==> flow/design.v <==
module times_top (clk_i, aresetn, lhs, rhs, prod);
  parameter integer W = 10;
  parameter integer COUNT = 3;
  localparam integer RW = 2*W + $clog2(COUNT);
  input clk_i;
  input aresetn;
  input [COUNT*W-1:0] lhs;
  input [COUNT*W-1:0] rhs;
  output [RW-1:0] prod;
  reg [RW-1:0] t;
  integer k;
  always @* begin
    t = 0;
    for (k = 0; k < COUNT; k = k + 1)
      t = t + lhs[k*W +: W] * rhs[k*W +: W];
  end
  reg [RW-1:0] prod_r;
  always @(posedge clk_i or negedge aresetn) begin
    if (~aresetn) begin
      prod_r <= 0;
    end else begin
      prod_r <= t;
    end
  end
  assign prod = prod_r;
endmodule
From RTL to reports: times_top
What the tools print for times_top, step after step.
Lines are those of the file above, counted from 1.
Operators carry their Yosys type and port widths (W data, S select, Z words).
{ "setup": {"top": "times_top", "clock_port": "clk_i", "library": "sky130hd", "lib_corner": "tt_025C_1v80"} }

Elaborated design
Source: Yosys, flattened and elaborated, memories not mapped. Widths are those after wreduce; folded enables and synchronous resets count as part of the registers. Registers that Yosys merges into a memory's read port (data or address) are not register bits. Print and check cells do not count. Equal cells are merged and count once.
{ "op_classes": {"n_mul": 3, "addsub": 2} }
{ "op_table": {"columns": ["op", "n"], "rows": [
  ["$mul A10 B10 Y20", 3],
  ["$add A21 B20 Y22", 1],
  ["$add A20 B20 Y21", 1]
]} }
{ "word_totals": {"word_cells": 6, "reg_bits": 22, "input_bits": 62} }

Depth
Depth = most cells in a row (Yosys ltp): at word level without a register or memory, in the mapped netlist without a sequential cell, where the memories' decode and read muxes count.
{ "depth": {"word_depth": 3, "ABC_AREA": 0, "ltp_mapped": 24, "depth_no_buf": 22} }

After synthesis
Source: synth_stat.txt of the flow (Yosys; design flattened, memories mapped). It holds for the ABC_AREA given above (unset counts as 0); a run with the other value may have another netlist.
The area totals of this step are shown rounded.
{ "mapped": {"sequential_area_um2": 551, "ff_cells": 22, "cells": 1194, "yosys_area_um2": 11300} }
{ "types": {"columns": ["cell_type", "n"], "rows": [
  ["sky130_fd_sc_hd__fa_1", 261],
  ["sky130_fd_sc_hd__ha_1", 139],
  ["sky130_fd_sc_hd__and2_1", 211],
  ["sky130_fd_sc_hd__inv_1", 336],
  ["sky130_fd_sc_hd__dfrtp_1", 22],
  ["sky130_fd_sc_hd__nand2_1", 104],
  ["sky130_fd_sc_hd__xnor2_1", 14],
  ["sky130_fd_sc_hd__a21oi_1", 14],
  ["sky130_fd_sc_hd__clkbuf_1", 18],
  ["sky130_fd_sc_hd__a21o_1", 6],
  ["sky130_fd_sc_hd__nor2_1", 8],
  ["sky130_fd_sc_hd__o211ai_1", 4],
  ["sky130_fd_sc_hd__o21ai_0", 6],
  ["sky130_fd_sc_hd__xor2_1", 3],
  ["sky130_fd_sc_hd__o211ai_2", 2],
  ["sky130_fd_sc_hd__o21ai_1", 5],
  ["sky130_fd_sc_hd__a211oi_1", 3],
  ["sky130_fd_sc_hd__o211a_1", 2]
]} }
Other cell types: 24; their cells: 36.

Timing after synthesis
Source: OpenSTA report_checks on the synthesized netlist (no wires, ideal clock, input and output delay 20% of the period each), path of least setup slack; recovery checks are left aside. Register names are those of the netlist, which keeps one name where synthesis merged equal registers.
{ "synth_path": {"path_kind": "input to register", "start": "input port rhs[6]", "end": "register prod_r[20]", "setup_ns": 0.079, "path_delay_ns": 5.741, "path_buffers": 1, "setup_slack_ns": 1.435, "required_time_ns": 8.891, "driving_pins": 19, "t_arrival_ns": 7.456, "period_ns": 8.97, "period_less_setup_slack_ns": 7.535} }
"path_delay_ns" is the arrival time less input delay plus setup time.
"driving_pins" counts driving pins, that of a launching flip-flop among them; a cell with two outputs on the path counts twice.
"period_less_setup_slack_ns" = period - worst setup slack (recovery checks aside). The figure is calculated, with input and output delays left at 20% of the set period.
Between the ends stands the longest chain of elaborated cells between them, by number of cells; it is not shown to be the way that was timed. Of several equally long chains one is given.
Each line given opens the expression or statement behind the cell; cells for indexed reads and writes are added by Yosys, which also makes memories of some case tables.
{ "synth_via": {"path_cell_list": "sky130_fd_sc_hd__clkbuf_1 -> sky130_fd_sc_hd__and2_1 -> sky130_fd_sc_hd__fa_1 -> sky130_fd_sc_hd__fa_1 -> sky130_fd_sc_hd__inv_1 -> sky130_fd_sc_hd__fa_1 -> sky130_fd_sc_hd__fa_1 -> sky130_fd_sc_hd__inv_1 -> sky130_fd_sc_hd__fa_1 -> sky130_fd_sc_hd__fa_1 -> sky130_fd_sc_hd__fa_1 -> sky130_fd_sc_hd__inv_1 -> sky130_fd_sc_hd__fa_1 -> sky130_fd_sc_hd__inv_1 -> sky130_fd_sc_hd__ha_1 -> sky130_fd_sc_hd__a211o_1 -> sky130_fd_sc_hd__o211ai_2 -> sky130_fd_sc_hd__and3b_1 -> sky130_fd_sc_hd__mux2i_1", "elab_chain_len": 3} }
{ "synth_rtl": {"columns": ["element", "line_no", "rtl"], "rows": [
  ["start: declaration", 8, "input [COUNT*W-1:0] rhs;"],
  ["$mul A10 B10 Y20", 15, "t = t + lhs[k*W +: W] * rhs[k*W +: W];"],
  ["$add A20 B20 Y21", 15, null],
  ["$add A21 B20 Y22", 15, null],
  ["end: assignment", 20, "prod_r <= 0;"],
  ["end: assignment", 22, "prod_r <= t;"],
  ["end: declaration", 17, "reg [RW-1:0] prod_r;"]
]} }

Path in the finished layout
Path of least setup slack in the final report of flow run A (OpenROAD, finished layout, wires in). Where an end is a register, its clock arrival counts in the times.
{ "layout_path": {"path_kind": "input to register", "start": "input port rhs[11]", "end": "register prod_r[20]", "setup_ns": 0.07, "path_buffers": 1, "period_ns": 10.2, "required_time_ns": 10.39, "setup_slack_ns": 1.75, "driving_pins": 20, "t_arrival_ns": 8.64} }
Between the ends stands the longest chain of elaborated cells between them, by number of cells; it is not shown to be the way that was timed. Of several equally long chains one is given.
{ "layout_via": {"path_cell_list": "sky130_fd_sc_hd__clkdlybuf4s50_1 -> sky130_fd_sc_hd__nand2_1 -> sky130_fd_sc_hd__fa_1 -> sky130_fd_sc_hd__inv_1 -> sky130_fd_sc_hd__fa_1 -> sky130_fd_sc_hd__inv_1 -> sky130_fd_sc_hd__fa_1 -> sky130_fd_sc_hd__inv_1 -> sky130_fd_sc_hd__fa_1 -> sky130_fd_sc_hd__fa_1 -> sky130_fd_sc_hd__fa_1 -> sky130_fd_sc_hd__fa_1 -> sky130_fd_sc_hd__inv_1 -> sky130_fd_sc_hd__fa_1 -> sky130_fd_sc_hd__inv_1 -> sky130_fd_sc_hd__ha_1 -> sky130_fd_sc_hd__a211o_1 -> sky130_fd_sc_hd__o211ai_2 -> sky130_fd_sc_hd__and3b_1 -> sky130_fd_sc_hd__mux2i_1", "elab_chain_len": 3} }
{ "layout_rtl": {"columns": ["element", "line_no", "rtl"], "rows": [
  ["start: declaration", 8, "input [COUNT*W-1:0] rhs;"],
  ["$mul A10 B10 Y20", 15, "t = t + lhs[k*W +: W] * rhs[k*W +: W];"],
  ["$add A20 B20 Y21", 15, null],
  ["$add A21 B20 Y22", 15, null],
  ["end: assignment", 20, "prod_r <= 0;"],
  ["end: assignment", 22, "prod_r <= t;"],
  ["end: declaration", 17, "reg [RW-1:0] prod_r;"]
]} }

# Flow runs of times_top

Design times_top on sky130hd. What follows are 3 stored runs of the flow, each under its own settings; their order means nothing. The constraints put input and output delay at 20% of the set period each and load the outputs with 0.01 pF.
"achieved_period_ns" = clock period - worst setup slack. The figure is calculated, with input and output delays left at 20% of the set period.
"worst_path_time_ns": the worst setup path's part of the clock period (all of it between registers, 20% less for each end at a port) less its slack. A launch clock that arrives late makes it longer, a capture clock that arrives late makes it shorter.
Values from the reports are rounded here.
[
  {
    "run": "flow run A",
    "settings": { "period_ns": 10.2, "CORE_UTILIZATION": 42, "SETUP_SLACK_MARGIN": 1.4, "PLACE_DENSITY_LB_ADDON": 0.05, "CORE_ASPECT_RATIO": 1.78, "TNS_END_PERCENT": 35, "CAP_MARGIN": 25, "CORE_MARGIN": 2, "SLEW_MARGIN": 20 },
    "results": { "yosys.chip_area_um2": 11300, "design.die.area_um2": 28200, "cell_area_final_um2": 12600, "post_route_util_frac": 0.471, "setup_worst_slack_ns": 1.75, "timing.setup.tns_ns": 0.000, "achieved_period_ns": 8.450, "worst_path_time_ns": 6.41, "critical_path_kind": "input to register" }
  },
  {
    "run": "flow run B",
    "settings": { "period_ns": 5.32, "CORE_UTILIZATION": 30, "PLACE_DENSITY_LB_ADDON": 0.23, "CORE_ASPECT_RATIO": 0.54, "CELL_PAD_IN_SITES_GLOBAL_PLACEMENT": 0, "ABC_AREA": 1, "MAX_ROUTING_LAYER": "met4", "CAP_MARGIN": 20, "CORE_MARGIN": 2, "SLEW_MARGIN": 20 },
    "results": { "yosys.chip_area_um2": 11700, "design.die.area_um2": 40700, "cell_area_final_um2": 15800, "post_route_util_frac": 0.41, "setup_worst_slack_ns": -1.23, "timing.setup.tns_ns": -17.7, "achieved_period_ns": 6.555, "worst_path_time_ns": 5.49, "critical_path_kind": "input to register" }
  },
  {
    "run": "flow run C",
    "settings": { "period_ns": 8.97, "CAP_MARGIN": 20, "CORE_MARGIN": 2, "CORE_UTILIZATION": 40, "SLEW_MARGIN": 20 },
    "results": { "yosys.chip_area_um2": 11300, "design.die.area_um2": 29500, "cell_area_final_um2": 12600, "post_route_util_frac": 0.454, "setup_worst_slack_ns": 0.803, "timing.setup.tns_ns": 0.000, "achieved_period_ns": 8.167, "worst_path_time_ns": 6.37, "critical_path_kind": "input to register" }
  }
]
